==> flow/design.v <==
module ex_shift #(
  parameter integer DWIDTH = 24,
  parameter integer SEL_W = $clog2(DWIDTH)
) (
  input clk_i,
  input rst_n,
  input [DWIDTH-1:0] bus_i,
  input [SEL_W-1:0] count_i,
  output [DWIDTH-1:0] data_out_o
);
  reg [DWIDTH-1:0] r_bus;
  reg [SEL_W-1:0] r_count;
  always @(posedge clk_i) begin
    if (!rst_n) begin
      r_bus <= 0;
      r_count <= 0;
    end else begin
      r_bus <= bus_i;
      r_count <= count_i;
    end
  end
  reg [DWIDTH-1:0] r;
  integer idx;
  always @(*) begin
    r = r_bus;
    for (idx = 0; idx < SEL_W; idx = idx + 1)
      if (r_count[idx]) r = r >> (1 << idx);
  end
  reg [DWIDTH-1:0] r_data_out;
  always @(posedge clk_i) begin
    if (!rst_n) begin
      r_data_out <= 0;
    end else begin
      r_data_out <= r;
    end
  end
  assign data_out_o = r_data_out;
endmodule
From RTL to reports: ex_shift
What the tools print for ex_shift, step after step.
Line numbers count from 1 in the design file above.
Library cell names are shortened.
{"block": "setup", "design": "ex_shift", "clk_port": "clk_i", "cell_library": "sky130hd", "lib_corner": "tt_025C_1v80"}

Word-level counts
Source: Yosys, flattened and elaborated, memories not mapped. Widths are those after wreduce. Registers that Yosys merges into a memory's read port (data or address) are not register bits. Print and check cells do not count. Equal cells are merged and count once.
{"block": "op_classes", "mux": 5, "n_logic": 1, "n_reduce_logical": 1}
{"block": "ops", "cell": "24-bit two-way mux", "n": 4}
{"block": "ops", "cell": "8-bit two-way mux", "n": 1}
{"block": "ops", "cell": "2-bit OR reduction", "n": 1}
{"block": "ops", "cell": "1-bit NOT", "n": 1}
{"block": "bits", "regBits": 53, "in_bits": 31, "out_inout_bits": 24, "elab_cells": 11}

Logic depth
Longest topological path by Yosys (ltp), each cell counted once; first at word level (registers and memories cut), then after technology mapping (sequential cells cut; the memories' decode and read muxes count).
{"block": "depth", "depth_word": 5, "abc_area": 0, "ltp_mapped": 7, "ltp_nobuf": 4}

Synthesis result
Yosys stat after the flow's synthesis: flattened, memories mapped to cells. It holds for the ABC_AREA given above (unset counts as 0); a run with the other value may have another netlist.
{"block": "mapped", "cells": 226, "area_um2": 2565.0, "seqArea_um2": 1061.0, "ff_cells": 53, "buf_cells": 17}
{"block": "by_type", "cell": "dfxtp_1", "n": 53, "area_total_um2": 1.06E+03}
{"block": "by_type", "cell": "mux2i_1", "n": 23, "area_total_um2": 230.221}
{"block": "by_type", "cell": "mux4_2", "n": 10, "area_total_um2": 225.216}
{"block": "by_type", "cell": "and2_1", "n": 35, "area_total_um2": 218.96}
{"block": "by_type", "cell": "mux4_1", "n": 8, "area_total_um2": 210.202}
{"block": "by_type", "cell": "a211oi_1", "n": 8, "area_total_um2": 60.058}
{"block": "by_type", "cell": "mux2_2", "n": 5, "area_total_um2": 56.304}
{"block": "by_type", "cell": "o221ai_1", "n": 6, "area_total_um2": 52.55}
{"block": "by_type", "cell": "nand2_1", "n": 12, "area_total_um2": 45.043}
{"block": "by_type", "cell": "a22o_1", "n": 5, "area_total_um2": 43.792}
{"block": "by_type", "cell": "nor2_1", "n": 11, "area_total_um2": 41.29}
{"block": "by_type", "cell": "buf_6", "n": 3, "area_total_um2": 33.782}
{"block": "by_type", "cell": "a21oi_1", "n": 6, "area_total_um2": 30.029}
{"block": "by_type", "cell": "buf_2", "n": 5, "area_total_um2": 25.024}
{"block": "by_type", "cell": "clkbuf_1", "n": 6, "area_total_um2": 22.522}
{"block": "by_type", "cell": "buf_4", "n": 2, "area_total_um2": 15.014}
{"block": "by_type", "cell": "buf_8", "n": 1, "area_total_um2": 15.014}
{"block": "by_type", "cell": "nand3_1", "n": 3, "area_total_um2": 15.014}
Not listed: further types 19, cells in them 24.

Path before layout
Source: OpenSTA report_checks on the synthesized netlist (no wires, ideal clock, input and output delay 20% of the period each), path of least setup slack; recovery checks are left aside. Register names are those of the netlist, which keeps one name where synthesis merged equal registers.
{"block": "synth_path", "path_kind": "reg-to-reg", "from": "reg r_count[0]", "to": "reg r_data_out[9]", "tclk_ns": 2.06, "setup_ns": 0.138, "launch_ns": 0.000, "t_arrival_ns": 1.508, "required_ns": 1.922, "path_slack_ns": 0.414, "path_delay_ns": 1.646, "stages": 6, "n_path_buf": 1, "synth_period_reached_ns": 1.646}
"path_delay_ns" is the arrival time less input delay plus setup time.
"stages" counts driving pins, that of a launching flip-flop among them; a cell with two outputs on the path counts twice.
"synth_period_reached_ns" is the clock period less the worst setup slack; recovery checks do not enter. This is arithmetic on one report: input and output delays are still those of the set period (20% each).
The rows between start and end are the longest chain of elaborated cells between them; the timing report does not say that the signal goes this way. Where chains are equally long, one stands for them.
Each line given opens the expression or statement behind the cell; cells for indexed reads and writes are added by Yosys, which also makes memories of some case tables.
{"block": "synth_via", "cell_sequence": "dfxtp_1 -> buf_6 -> mux4_2 -> and2_1 -> a211oi_1 -> a211oi_1", "elab_chain_len": 4, "cells_between": 4, "cone_lines": 1, "cone_classes": "4 x mux"}
{"block": "synth_rtl", "element": "from (decl)", "line": 12, "rtl": "reg [SEL_W-1:0] r_count;"}
{"block": "synth_rtl", "element": "from (assign)", "line": 16, "rtl": "r_count <= 0;"}
{"block": "synth_rtl", "element": "from (assign)", "line": 19, "rtl": "r_count <= count_i;"}
{"block": "synth_rtl", "element": "24-bit two-way mux (4 in a row)", "line": 27, "rtl": "if (r_count[idx]) r = r >> (1 << idx);"}
{"block": "synth_rtl", "element": "to (assign)", "line": 32, "rtl": "r_data_out <= 0;"}
{"block": "synth_rtl", "element": "to (assign)", "line": 34, "rtl": "r_data_out <= r;"}
{"block": "synth_rtl", "element": "to (decl)", "line": 29, "rtl": "reg [DWIDTH-1:0] r_data_out;"}

Path in the finished layout
Path of least setup slack in the final report of run 1 (OpenROAD, finished layout, wires in). Where an end is a register, its clock arrival counts in the times.
{"block": "layout_path", "path_kind": "reg-to-reg", "from": "reg r_count[0]", "to": "reg r_data_out[10]", "tclk_ns": 2.06, "setup_ns": 0.13, "launch_ns": 0.30, "t_arrival_ns": 2.00, "required_ns": 2.23, "path_slack_ns": 0.24, "stages": 6, "n_path_buf": 1}
The rows between start and end are the longest chain of elaborated cells between them; the timing report does not say that the signal goes this way. Where chains are equally long, one stands for them.
{"block": "layout_via", "cell_sequence": "dfxtp_1 -> buf_12 -> mux4_1 -> mux2_2 -> nor2_1 -> a211oi_1", "elab_chain_len": 4, "cells_between": 4, "cone_lines": 1, "cone_classes": "4 x mux"}
{"block": "layout_rtl", "element": "from (decl)", "line": 12, "rtl": "reg [SEL_W-1:0] r_count;"}
{"block": "layout_rtl", "element": "from (assign)", "line": 16, "rtl": "r_count <= 0;"}
{"block": "layout_rtl", "element": "from (assign)", "line": 19, "rtl": "r_count <= count_i;"}
{"block": "layout_rtl", "element": "24-bit two-way mux (4 in a row)", "line": 27, "rtl": "if (r_count[idx]) r = r >> (1 << idx);"}
{"block": "layout_rtl", "element": "to (assign)", "line": 32, "rtl": "r_data_out <= 0;"}
{"block": "layout_rtl", "element": "to (assign)", "line": 34, "rtl": "r_data_out <= r;"}
{"block": "layout_rtl", "element": "to (decl)", "line": 29, "rtl": "reg [DWIDTH-1:0] r_data_out;"}

Module ex_shift, platform sky130hd: 3 stored runs of the flow (Yosys, OpenROAD) with differing settings, in no particular order. Input and output delays are each 20% of the period that was set; the output load is 0.01 pF.
"worst_setup_path_time_ns" is the time allowed to the run's worst setup path (the clock period less input and output delay, where it has them) less its slack. Clock arrival times count: a late capture clock shortens it, a late launch clock lengthens it.
"fin_power_w" is the tool's figure for a default switching activity; nothing was simulated.

{"run": "run 1", "settings": { "period_ns": 2.06, "CAP_MARGIN": 20, "CORE_MARGIN": 2, "CORE_UTILIZATION": 40, "SLEW_MARGIN": 20 }, "results": { "tns_ns": 0.000, "final_hold_ws_ns": 0.672, "worst_setup_path_time_ns": 1.82, "worst_setup_path_type": "reg-to-reg", "timing.setup.ws_ns": 0.236, "fin_power_w": 0.002362, "die_area_um2": 7068.6, "final_cell_area_um2": 3316.9, "synth_chip_area_um2": 2565.0 }}
{"run": "run 2", "settings": { "period_ns": 1.28, "CORE_UTILIZATION": 45, "SETUP_SLACK_MARGIN": 0.36, "PLACE_DENSITY_LB_ADDON": 0.23, "CORE_ASPECT_RATIO": 0.74, "CORE_MARGIN": 6, "ABC_AREA": 0, "CTS_CLUSTER_SIZE": 84, "CAP_MARGIN": 0, "MAX_ROUTING_LAYER": "met4", "SLEW_MARGIN": 20 }, "results": { "tns_ns": -6.195, "final_hold_ws_ns": 0.462, "worst_setup_path_time_ns": 1.64, "worst_setup_path_type": "reg-to-reg", "timing.setup.ws_ns": -0.358, "fin_power_w": 0.004006, "die_area_um2": 7676.4, "final_cell_area_um2": 3728.6, "synth_chip_area_um2": 2565.0 }}
{"run": "run 3", "settings": { "period_ns": 2.12, "CORE_UTILIZATION": 24, "SETUP_SLACK_MARGIN": 0.3, "CORE_ASPECT_RATIO": 1.36, "CELL_PAD_IN_SITES_GLOBAL_PLACEMENT": 2, "CELL_PAD_IN_SITES_DETAIL_PLACEMENT": 0, "TNS_END_PERCENT": 5, "MIN_ROUTING_LAYER": "met1", "MAX_ROUTING_LAYER": "met5", "CAP_MARGIN": 20, "CORE_MARGIN": 2, "SLEW_MARGIN": 20 }, "results": { "tns_ns": 0.000, "final_hold_ws_ns": 0.489, "worst_setup_path_time_ns": 1.80, "worst_setup_path_type": "reg-to-reg", "timing.setup.ws_ns": 0.320, "fin_power_w": 0.00235, "die_area_um2": 11539.9, "final_cell_area_um2": 3477.1, "synth_chip_area_um2": 2565.0 }}
